==> flow/design.v <==
module core_cmp_rtl (core_clk, A_i, B_i, is_gt_o);
    parameter XLEN = 14;
    input core_clk;
    input [XLEN-1:0] A_i;
    input [XLEN-1:0] B_i;
    output is_gt_o;
    reg [XLEN-1:0] A_ff;
    reg [XLEN-1:0] B_ff;
    reg is_gt_ff;
    always @(posedge core_clk) begin
        A_ff <= A_i;
        B_ff <= B_i;
        is_gt_ff <= (A_ff > B_ff);
    end
    assign is_gt_o = is_gt_ff;
endmodule
# Tool chain data of core_cmp_rtl
# The steps from the RTL of core_cmp_rtl to its reports follow in flow order.
# Lines are those of the file above, counted from 1.
# Operators: Yosys type, input widths -> output width; for muxes data width and select width s.
# Cell names lack the library's common part.
# A cell with n/a has no value.
# inputs
top_module,core_cmp_rtl
clock,core_clk
lib,sky130hd
corner,tt_025C_1v80

# Word-level counts
# Yosys after proc, flatten, opt, wreduce and memory -nomap, before mapping. Enables and synchronous resets that opt folds into registers are not counted as muxes. Memory bits, and registers merged into a memory's read port (data or address), are not among the register bits. Print and check cells are not counted. Equal cells are merged and count once.
# bits
regBits,29
input_bits,29
out_inout_bits,1
# classes
n_cmp,1
# ops
op,count
$gt 14x14->1,1

# Logic depth
# Depth = most cells in a row (Yosys ltp): at word level without a register or memory, in the mapped netlist without a sequential cell, where the memories' decode and read muxes count.
# depth
word_depth,1
abc_area,0
ltp_mapped,6
mapped_depth_nobuf,6

# Mapped cells and area
# The flow's flattened synthesis, as Yosys stat reports it; memories are mapped. The netlist is that of the ABC_AREA named above (0 if unset); the other value can give another one.
# The area totals of this step are shown rounded.
# by_type
type,count
dfxtp_1,29
ha_1,14
inv_1,14
a21oi_1,5
nand4_1,3
a21o_1,2
nand3_1,2
a311oi_1,1
and4_1,1
o31a_1,1
nor2b_1,1
o21ai_0,1
o21ai_1,1
nand2_1,1
nor2_1,1
# synth_totals
stdcells,77
synth_area_um2,927
buf_cells,0
ffs,29

# Worst setup path after synthesis
# Source: OpenSTA report_checks on the synthesized netlist (no wires, ideal clock, input and output delay 20% of the period each), path of least setup slack; recovery checks are left aside. Register names are those of the netlist, which keeps one name where synthesis merged equal registers.
# synth_path
path_type,register -> register
start,register B_ff[5]
end,register is_gt_ff
required_ns,1.540
delay_ns,1.330
launch_ns,0.000
period_ns,1.66
slack_ns,0.330
setup_ns,0.120
arrival_time_ns,1.210
stages,7
period_less_setup_slack_ns,1.33
# "delay_ns" = arrival - input delay + setup time.
# "stages": output pins that drive a net of the path, with the launching flip-flop's if there is one; two outputs of one cell count as two.
# "period_less_setup_slack_ns" = period - worst setup slack (recovery checks aside). The figure is calculated, with input and output delays left at 20% of the set period.
# Between the ends stands the longest chain of elaborated cells between them, by number of cells; it is not shown to be the way that was timed. Of several equally long chains one is given.
# Each line given opens the expression or statement behind the cell; cells for indexed reads and writes are added by Yosys, which also makes memories of some case tables.
# synth_via
cell_sequence,dfxtp_1 -> inv_1 -> ha_1 -> and4_1 -> o21ai_1 -> a311oi_1 -> o31a_1
elab_chain_cells,1
cone_cells,1
lines_between,1
classes_between,1 x compare
# synth_rtl
item,line,rtl
"start, declared",8,reg [XLEN-1:0] B_ff;
"start, assigned",12,B_ff <= B_i;
$gt 14x14->1,13,is_gt_ff <= (A_ff > B_ff);
"end, assigned",13,
"end, declared",9,reg is_gt_ff;

# Timing after layout
# Path of least setup slack in the final report of run A (OpenROAD, finished layout, wires in). Where an end is a register, its clock arrival counts in the times.
# layout_path
path_type,register -> output
start,register is_gt_ff
end,output port is_gt_o
period_ns,1.66
launch_ns,0.32
stages,2
required_ns,1.33
slack_ns,0.17
out_delay_ns,0.33
arrival_time_ns,1.15
# layout_via
cell_sequence,dfxtp_1 -> clkdlybuf4s50_1
elab_chain_cells,0
cone_cells,0
lines_between,0
# layout_rtl
item,line,rtl
"start, declared",9,reg is_gt_ff;
"start, assigned",13,is_gt_ff <= (A_ff > B_ff);
"end, declared",6,output is_gt_o;

Add stored flow runs of core_cmp_rtl

Record of 3 stored runs of the RTL-to-layout flow on core_cmp_rtl, platform sky130hd. The runs are unordered. Constraints: input delay and output delay 20% of the set period each, output load 0.01 pF.
By "achieved_clock_period_ns" is meant the clock period of the run minus its worst setup slack. This is arithmetic on one report: input and output delays are still those of the set period (20% each).
"worst_path_ns" means the part of the period allowed to the worst setup path (the constraints hold back 20% at inputs and 20% at outputs) less its slack; where the path has registers, the arrival times of their clocks count too.
"power.total_w" rests on the timing tool's default activity at the inputs, not on a simulated workload.
The measured numbers are rounded.

Run A, flow files:
==> flow/run.sh <==
#!/bin/bash
# the make line also repeats the synthesis and layout settings of config.mk as NAME=value (left out here)
make -C /OpenROAD-flow-scripts/flow DESIGN_CONFIG=/design/flow/config.mk WORK_HOME=/design/flow/orfs CLKGATE_MAP_FILE= finish
==> flow/config.mk <==
export PLATFORM = sky130hd
export DESIGN_NAME = core_cmp_rtl
export DESIGN_NICKNAME = core_cmp_rtl
export VERILOG_FILES = /design/flow/design.v
export SDC_FILE = /design/flow/constraint.sdc
export NUM_CORES = 4
export LEC_CHECK = 0
export CAP_MARGIN = 20
export CORE_MARGIN = 2
export CORE_UTILIZATION = 40
export SLEW_MARGIN = 20
==> flow/constraint.sdc <==
create_clock -name core_clock -period 1.66 [get_ports {core_clk}]
set_input_delay 0.3320 -clock core_clock [delete_from_list [all_inputs] [get_ports {core_clk}]]
set_output_delay 0.3320 -clock core_clock [all_outputs]
set_load 0.01 [all_outputs]

==> results of run A, as CSV <==
result,value
achieved_clock_period_ns,1.486
final_stdcell_area_um2,1340
post_synth_area_um2,927
worst_path_ns,1.15
path_kind,"register -> output"
hold_ws_ns,0.441
power.total_w,0.00148
die_um2,2720
setup_ws_ns,0.174
fin_tns_ns,0.000

Run B, flow files:
==> flow/run.sh <==
#!/bin/bash
# the make line also repeats the synthesis and layout settings of config.mk as NAME=value (left out here)
make -C /OpenROAD-flow-scripts/flow DESIGN_CONFIG=/design/flow/config.mk WORK_HOME=/design/flow/orfs CLKGATE_MAP_FILE= finish
==> flow/config.mk <==
export PLATFORM = sky130hd
export DESIGN_NAME = core_cmp_rtl
export DESIGN_NICKNAME = core_cmp_rtl
export VERILOG_FILES = /design/flow/design.v
export SDC_FILE = /design/flow/constraint.sdc
export NUM_CORES = 4
export LEC_CHECK = 0
export CAP_MARGIN = 20
export CELL_PAD_IN_SITES_DETAIL_PLACEMENT = 1
export CORE_MARGIN = 5
export CORE_UTILIZATION = 33
export CTS_CLUSTER_SIZE = 92
export GPL_ROUTABILITY_DRIVEN = 0
export GPL_TIMING_DRIVEN = 0
export MIN_ROUTING_LAYER = met2
export SETUP_SLACK_MARGIN = -0.02
export SLEW_MARGIN = 20
==> flow/constraint.sdc <==
create_clock -name core_clock -period 1.81 [get_ports {core_clk}]
set_input_delay 0.3620 -clock core_clock [delete_from_list [all_inputs] [get_ports {core_clk}]]
set_output_delay 0.3620 -clock core_clock [all_outputs]
set_load 0.01 [all_outputs]

==> results of run B, as CSV <==
result,value
achieved_clock_period_ns,1.514
final_stdcell_area_um2,1330
post_synth_area_um2,927
worst_path_ns,1.15
path_kind,"register -> output"
hold_ws_ns,0.471
power.total_w,0.00126
die_um2,3970
setup_ws_ns,0.296
fin_tns_ns,0.000

Run C, flow files:
==> flow/run.sh <==
#!/bin/bash
# the make line also repeats the synthesis and layout settings of config.mk as NAME=value (left out here)
make -C /OpenROAD-flow-scripts/flow DESIGN_CONFIG=/design/flow/config.mk WORK_HOME=/design/flow/orfs CLKGATE_MAP_FILE= finish
==> flow/config.mk <==
export PLATFORM = sky130hd
export DESIGN_NAME = core_cmp_rtl
export DESIGN_NICKNAME = core_cmp_rtl
export VERILOG_FILES = /design/flow/design.v
export SDC_FILE = /design/flow/constraint.sdc
export NUM_CORES = 4
export LEC_CHECK = 0
export CAP_MARGIN = 20
export CORE_MARGIN = 2
export CORE_UTILIZATION = 33
export CTS_CLUSTER_DIAMETER = 234
export CTS_CLUSTER_SIZE = 47
export GPL_TIMING_DRIVEN = 1
export HOLD_SLACK_MARGIN = 0.13
export MIN_ROUTING_LAYER = met1
export PLACE_DENSITY_LB_ADDON = 0.24
export SETUP_SLACK_MARGIN = 0.15
export SLEW_MARGIN = 20
==> flow/constraint.sdc <==
create_clock -name core_clock -period 1.41 [get_ports {core_clk}]
set_input_delay 0.2820 -clock core_clock [delete_from_list [all_inputs] [get_ports {core_clk}]]
set_output_delay 0.2820 -clock core_clock [all_outputs]
set_load 0.01 [all_outputs]

==> results of run C, as CSV <==
result,value
achieved_clock_period_ns,1.334
final_stdcell_area_um2,1360
post_synth_area_um2,927
worst_path_ns,1.33
path_kind,"register -> register"
hold_ws_ns,0.397
power.total_w,0.0016
die_um2,3250
setup_ws_ns,0.076
fin_tns_ns,0.000
